==> flow/design.v <==
module sh_core_v2 #(
   parameter DWIDTH = 32,
   parameter SEL_WIDTH = $clog2(DWIDTH)
) (
   input  clock,
   input  reset,
   input  [DWIDTH-1:0] in_src,
   input  [SEL_WIDTH-1:0] in_n,
   output [DWIDTH-1:0] out_dout
);
   reg [DWIDTH-1:0] src_d1;
   reg [SEL_WIDTH-1:0] n_d1;
   reg [DWIDTH-1:0] nxt_d1;
   reg [1:0] n_d1_lo;
   reg [DWIDTH-1:0] dout_d1;
   assign out_dout = dout_d1;
   always @(posedge clock) begin
      if (reset) begin
         src_d1 <= 0;
         n_d1 <= 0;
         nxt_d1 <= 0;
         n_d1_lo <= 0;
         dout_d1 <= 0;
      end else begin
         src_d1 <= in_src;
         n_d1 <= in_n;
         nxt_d1 <= src_d1 << {n_d1[SEL_WIDTH-1:2], 2'b00};
         n_d1_lo <= n_d1[1:0];
         dout_d1 <= nxt_d1 << n_d1_lo;
      end
   end
endmodule
Appendix: tool output

## Reports on sh_core_v2

A sweep over "DWIDTH": the same steps for each member of the family.
The file above is the member DWIDTH=32. Line numbers count from 1 in each member's own file.
A cell with - has no value.

- Top module: sh_core_v2
- Clock port: clock
- Standard-cell library: sky130hd
- Timing corner: tt_025C_1v80

## Members of the sweep

Lines of each other member's file that are new or changed against the file above; lines that a member lacks are not shown.

Lines new or changed:

| DWIDTH | RTL line | source |
|---|---|---|
| 40 | 2 | `parameter DWIDTH = 40,` |
| 80 | 2 | `parameter DWIDTH = 80,` |
| 96 | 2 | `parameter DWIDTH = 96,` |
| 128 | 2 | `parameter DWIDTH = 128,` |

## Word level

Source: Yosys, flattened and elaborated, memories not mapped. Widths are those after wreduce; folded enables and synchronous resets count as part of the registers. Registers that Yosys merges into a memory's read port (data or address) are not register bits. Print and check cells do not count. Equal cells are merged and count once.

Cells by class:

| DWIDTH | shifts and indexed selects |
|---|---|
| 32 | 2 |
| 40 | 2 |
| 80 | 2 |
| 96 | 2 |
| 128 | 2 |

Operators by type and width:

| DWIDTH | kind and count |
|---|---|
| 32 | << shifter 32 x 2 -> 32 bit (1); << shifter 32 x 5 -> 32 bit (1) |
| 40 | << shifter 40 x 2 -> 40 bit (1); << shifter 40 x 6 -> 40 bit (1) |
| 80 | << shifter 80 x 2 -> 80 bit (1); << shifter 80 x 7 -> 80 bit (1) |
| 96 | << shifter 96 x 2 -> 96 bit (1); << shifter 96 x 7 -> 96 bit (1) |
| 128 | << shifter 128 x 2 -> 128 bit (1); << shifter 128 x 7 -> 128 bit (1) |

Bit counts:

| DWIDTH | register bits after elaboration | input bits | elaborated cells |
|---|---|---|---|
| 32 | 103 | 39 | 7 |
| 40 | 128 | 48 | 7 |
| 80 | 249 | 89 | 7 |
| 96 | 297 | 105 | 7 |
| 128 | 393 | 137 | 7 |

## Depth

Yosys ltp: most cells in a row. Word level: on the elaborated netlist, between registers, memories and ports. Mapped: between sequential cells and ports; inverters and the memories' decode and read muxes count.

Logic depth:

| DWIDTH | depth after elaboration | ABC_AREA | mapped depth |
|---|---|---|---|
| 32 | 1 | 0 | 6 |
| 40 | 1 | 0 | 6 |
| 80 | 1 | 0 | 9 |
| 96 | 1 | 0 | 9 |
| 128 | 1 | 0 | 8 |

## Synthesis result

Yosys stat after the flow's synthesis: flattened, memories mapped to cells. It holds for the ABC_AREA given above (unset counts as 0); a run with the other value may have another netlist.
Totals and module areas in this step are rounded.

Synthesis totals:

| DWIDTH | standard cells after synthesis | mapped area (um^2) | area of sequential cells (um^2) | flip-flops | buffer cells |
|---|---|---|---|---|---|
| 32 | 351 | 4260 | 2060 | 103 | 27 |
| 40 | 439 | 5510 | 2560 | 128 | 36 |
| 80 | 1001 | 11800 | 4980 | 249 | 88 |
| 96 | 1275 | 14900 | 5950 | 297 | 119 |
| 128 | 1606 | 20000 | 7870 | 393 | 150 |

Cell types:

| DWIDTH | types with counts |
|---|---|
| 32 | sky130_fd_sc_hd__dfxtp_1 (103); sky130_fd_sc_hd__mux4_2 (28); sky130_fd_sc_hd__nor2b_1 (70); sky130_fd_sc_hd__mux2i_1 (28); sky130_fd_sc_hd__mux2_2 (18); sky130_fd_sc_hd__o221ai_1 (8); sky130_fd_sc_hd__buf_6 (6); sky130_fd_sc_hd__nor2_1 (17); sky130_fd_sc_hd__buf_2 (9); sky130_fd_sc_hd__nand2_1 (12); sky130_fd_sc_hd__buf_4 (5); sky130_fd_sc_hd__nand2b_1 (5); sky130_fd_sc_hd__a221o_1 (3); sky130_fd_sc_hd__clkbuf_1 (7); sky130_fd_sc_hd__and3_1 (4); sky130_fd_sc_hd__a22oi_1 (3); sky130_fd_sc_hd__o22ai_1 (3); sky130_fd_sc_hd__a211oi_1 (2); (+20) |
| 40 | sky130_fd_sc_hd__dfxtp_1 (128); sky130_fd_sc_hd__mux4_2 (57); sky130_fd_sc_hd__nor2b_1 (87); sky130_fd_sc_hd__mux2i_1 (25); sky130_fd_sc_hd__nor2_1 (25); sky130_fd_sc_hd__buf_6 (7); sky130_fd_sc_hd__mux4_1 (3); sky130_fd_sc_hd__clkbuf_1 (20); sky130_fd_sc_hd__a22oi_1 (7); sky130_fd_sc_hd__nand2_1 (12); sky130_fd_sc_hd__nor4bb_1 (4); sky130_fd_sc_hd__o21ai_1 (8); sky130_fd_sc_hd__o21ba_1 (4); sky130_fd_sc_hd__a2bb2oi_1 (4); sky130_fd_sc_hd__buf_2 (7); sky130_fd_sc_hd__nor3_1 (7); sky130_fd_sc_hd__nand2b_1 (5); sky130_fd_sc_hd__a211oi_1 (4); (+25) |
| 80 | sky130_fd_sc_hd__dfxtp_1 (249); sky130_fd_sc_hd__mux4_2 (99); sky130_fd_sc_hd__mux2i_1 (133); sky130_fd_sc_hd__nor2b_1 (177); sky130_fd_sc_hd__mux2_2 (25); sky130_fd_sc_hd__o22ai_1 (30); sky130_fd_sc_hd__clkbuf_1 (44); sky130_fd_sc_hd__a22oi_1 (21); sky130_fd_sc_hd__nor2_1 (38); sky130_fd_sc_hd__nand2_1 (31); sky130_fd_sc_hd__o221ai_1 (13); sky130_fd_sc_hd__buf_2 (20); sky130_fd_sc_hd__buf_4 (11); sky130_fd_sc_hd__buf_6 (7); sky130_fd_sc_hd__o2bb2ai_1 (9); sky130_fd_sc_hd__nand2b_1 (10); sky130_fd_sc_hd__o21ai_0 (11); sky130_fd_sc_hd__nand3_1 (9); (+64) |
| 96 | sky130_fd_sc_hd__dfxtp_1 (297); sky130_fd_sc_hd__mux4_2 (152); sky130_fd_sc_hd__mux2i_1 (115); sky130_fd_sc_hd__nor2b_1 (113); sky130_fd_sc_hd__and2_1 (99); sky130_fd_sc_hd__mux2_2 (38); sky130_fd_sc_hd__o22ai_1 (37); sky130_fd_sc_hd__clkbuf_1 (59); sky130_fd_sc_hd__nor2_1 (59); sky130_fd_sc_hd__buf_2 (32); sky130_fd_sc_hd__nand2_1 (42); sky130_fd_sc_hd__o21ai_0 (30); sky130_fd_sc_hd__a211oi_1 (18); sky130_fd_sc_hd__buf_4 (12); sky130_fd_sc_hd__o211ai_1 (12); sky130_fd_sc_hd__o221ai_1 (10); sky130_fd_sc_hd__a22oi_1 (10); sky130_fd_sc_hd__a21oi_1 (13); (+127) |
| 128 | sky130_fd_sc_hd__dfxtp_1 (393); sky130_fd_sc_hd__mux4_2 (259); sky130_fd_sc_hd__nor2b_1 (268); sky130_fd_sc_hd__mux2i_1 (107); sky130_fd_sc_hd__mux2_2 (47); sky130_fd_sc_hd__nand2_1 (82); sky130_fd_sc_hd__clkbuf_1 (71); sky130_fd_sc_hd__buf_2 (43); sky130_fd_sc_hd__nor2_1 (55); sky130_fd_sc_hd__a221o_1 (20); sky130_fd_sc_hd__o221ai_1 (22); sky130_fd_sc_hd__buf_6 (14); sky130_fd_sc_hd__nor3_1 (27); sky130_fd_sc_hd__and2_1 (21); sky130_fd_sc_hd__o22ai_1 (20); sky130_fd_sc_hd__a211oi_1 (15); sky130_fd_sc_hd__a21oi_1 (19); sky130_fd_sc_hd__and3_1 (13); (+110) |

A list marked (+n) leaves out that many cells.

## Path before layout

Path of least setup slack by OpenSTA after synthesis, without wires, with an ideal clock, recovery checks aside; 20% of the period is set as input and as output delay. Where synthesis merged equal registers, the netlist keeps one of their names.

Path after synthesis:

| DWIDTH | path kind | start point | end point | period (ps) | slack (ps) | stages | path delay (ps) | period reached after synthesis (ps) |
|---|---|---|---|---|---|---|---|---|
| 32 | register to register | register n_d1_lo[0] | register dout_d1[10] | 1690 | 337 | 5 | 1353 | 1353 |
| 40 | register to register | register n_d1[2] | register nxt_d1[35] | 1930 | 390 | 6 | 1540 | 1540 |
| 80 | register to register | register n_d1[3] | register nxt_d1[73] | 2060 | 414 | 7 | 1646 | 1646 |
| 96 | input to register | input port reset | register nxt_d1[75] | 2410 | 481 | 7 | 1447 | 1929 |
| 128 | register to register | register n_d1[2] | register nxt_d1[121] | 2400 | 477 | 7 | 1923 | 1923 |

"path delay" = arrival - input delay + setup time.
"stages" counts driving pins, that of a launching flip-flop among them; a cell with two outputs on the path counts twice.
"period reached after synthesis" = period - worst setup slack (recovery checks aside). The figure is calculated, with input and output delays left at 20% of the set period.
The rows between start and end are the longest chain of elaborated cells between them; the timing report does not say that the signal goes this way. Where chains are equally long, one stands for them.
A line is the first line of the expression or statement that the cell stems from. Yosys adds cells for indexed reads and writes and turns some case tables into memories.

On the way, after synthesis, DWIDTH=32:
- Cells in the longest elaborated chain: 1

Ends and longest elaborated chain, after synthesis, DWIDTH=32:

| element | RTL line | source |
|---|---|---|
| start, declared | 14 | `reg [1:0] n_d1_lo;` |
| start, assigned | 22 | `n_d1_lo <= 0;` |
| start, assigned | 28 | `n_d1_lo <= n_d1[1:0];` |
| << shifter 32 x 2 -> 32 bit | 29 | `dout_d1 <= nxt_d1 << n_d1_lo;` |
| end, assigned | 23 | `dout_d1 <= 0;` |
| end, assigned | 29 |  |
| end, declared | 15 | `reg [DWIDTH-1:0] dout_d1;` |

On the way, after synthesis, DWIDTH=128:
- Cells in the longest elaborated chain: 1

Ends and longest elaborated chain, after synthesis, DWIDTH=128:

| element | RTL line | source |
|---|---|---|
| start, declared | 12 | `reg [SEL_WIDTH-1:0] n_d1;` |
| start, assigned | 20 | `n_d1 <= 0;` |
| start, assigned | 26 | `n_d1 <= in_n;` |
| << shifter 128 x 7 -> 128 bit | 27 | `nxt_d1 <= src_d1 << {n_d1[SEL_WIDTH-1:2], 2'b00};` |
| end, assigned | 21 | `nxt_d1 <= 0;` |
| end, assigned | 27 |  |
| end, declared | 13 | `reg [DWIDTH-1:0] nxt_d1;` |

## Worst path after layout

From the final timing report of each member's run: the path of least setup slack in the routed layout; clock arrival at registers is part of the times.
The report prints the path's times to 10 ps; the period is as set.

Path post-layout:

| DWIDTH | path kind | start point | end point | period (ps) | slack (ps) | stages | data arrival time (ps) | buffers on the path |
|---|---|---|---|---|---|---|---|---|
| 32 | register to output | register dout_d1[8] | output port out_dout[8] | 1690 | 150 | 2 | 1210 | 1 |
| 40 | register to register | register n_d1[2] | register nxt_d1[21] | 1930 | 250 | 5 | 1990 | 1 |
| 80 | register to register | register n_d1[3] | register nxt_d1[73] | 2060 | 80 | 7 | 2380 | 2 |
| 96 | register to register | register n_d1[2] | register nxt_d1[94] | 2410 | 110 | 8 | 2780 | 4 |
| 128 | register to register | register n_d1[2] | register nxt_d1[65] | 2400 | -10 | 6 | 2880 | 1 |

## Layout results

Settings and results of one run of the flow (Yosys, OpenROAD) for each member follow. The constraints put input and output delay at 20% of the set period each and load the outputs with 0.01 pF.

- CAP_MARGIN: 20
- CORE_MARGIN: 2
- CORE_UTILIZATION: 40
- SLEW_MARGIN: 20

Settings by member:

| DWIDTH | period_ns |
|---|---|
| 32 | 1.69 |
| 40 | 1.93 |
| 80 | 2.06 |
| 96 | 2.41 |
| 128 | 2.4 |

Final reports:

| DWIDTH | mapped cell area after synthesis (um^2) | die outline area (um^2) | standard-cell area of the final layout (um^2) | final design utilization (%) | worst setup slack after layout (ps) | total negative slack on setup checks (ps) | post-route worst hold slack (ps) | total power after layout (µW) | reached clock period (ps) |
|---|---|---|---|---|---|---|---|---|---|
| 32 | 4260 | 11500 | 5280 | 51.1 | 145 | 0 | 446 | 4720 | 1545 |
| 40 | 5510 | 14700 | 7140 | 53.5 | 252 | 0 | 433 | 6830 | 1678 |
| 80 | 11800 | 30800 | 15200 | 52.7 | 84 | 0 | 222 | 12200 | 1976 |
| 96 | 14900 | 38700 | 19200 | 52.6 | 110 | 0 | 250 | 12600 | 2300 |
| 128 | 20000 | 51800 | 25900 | 52.6 | -9 | -13 | 280 | 17300 | 2409 |

"reached clock period" = clock period - worst setup slack. The figure is calculated, with input and output delays left at 20% of the set period.
"total power after layout" is the tool's figure for a default switching activity; nothing was simulated.
Values from the reports are rounded here.
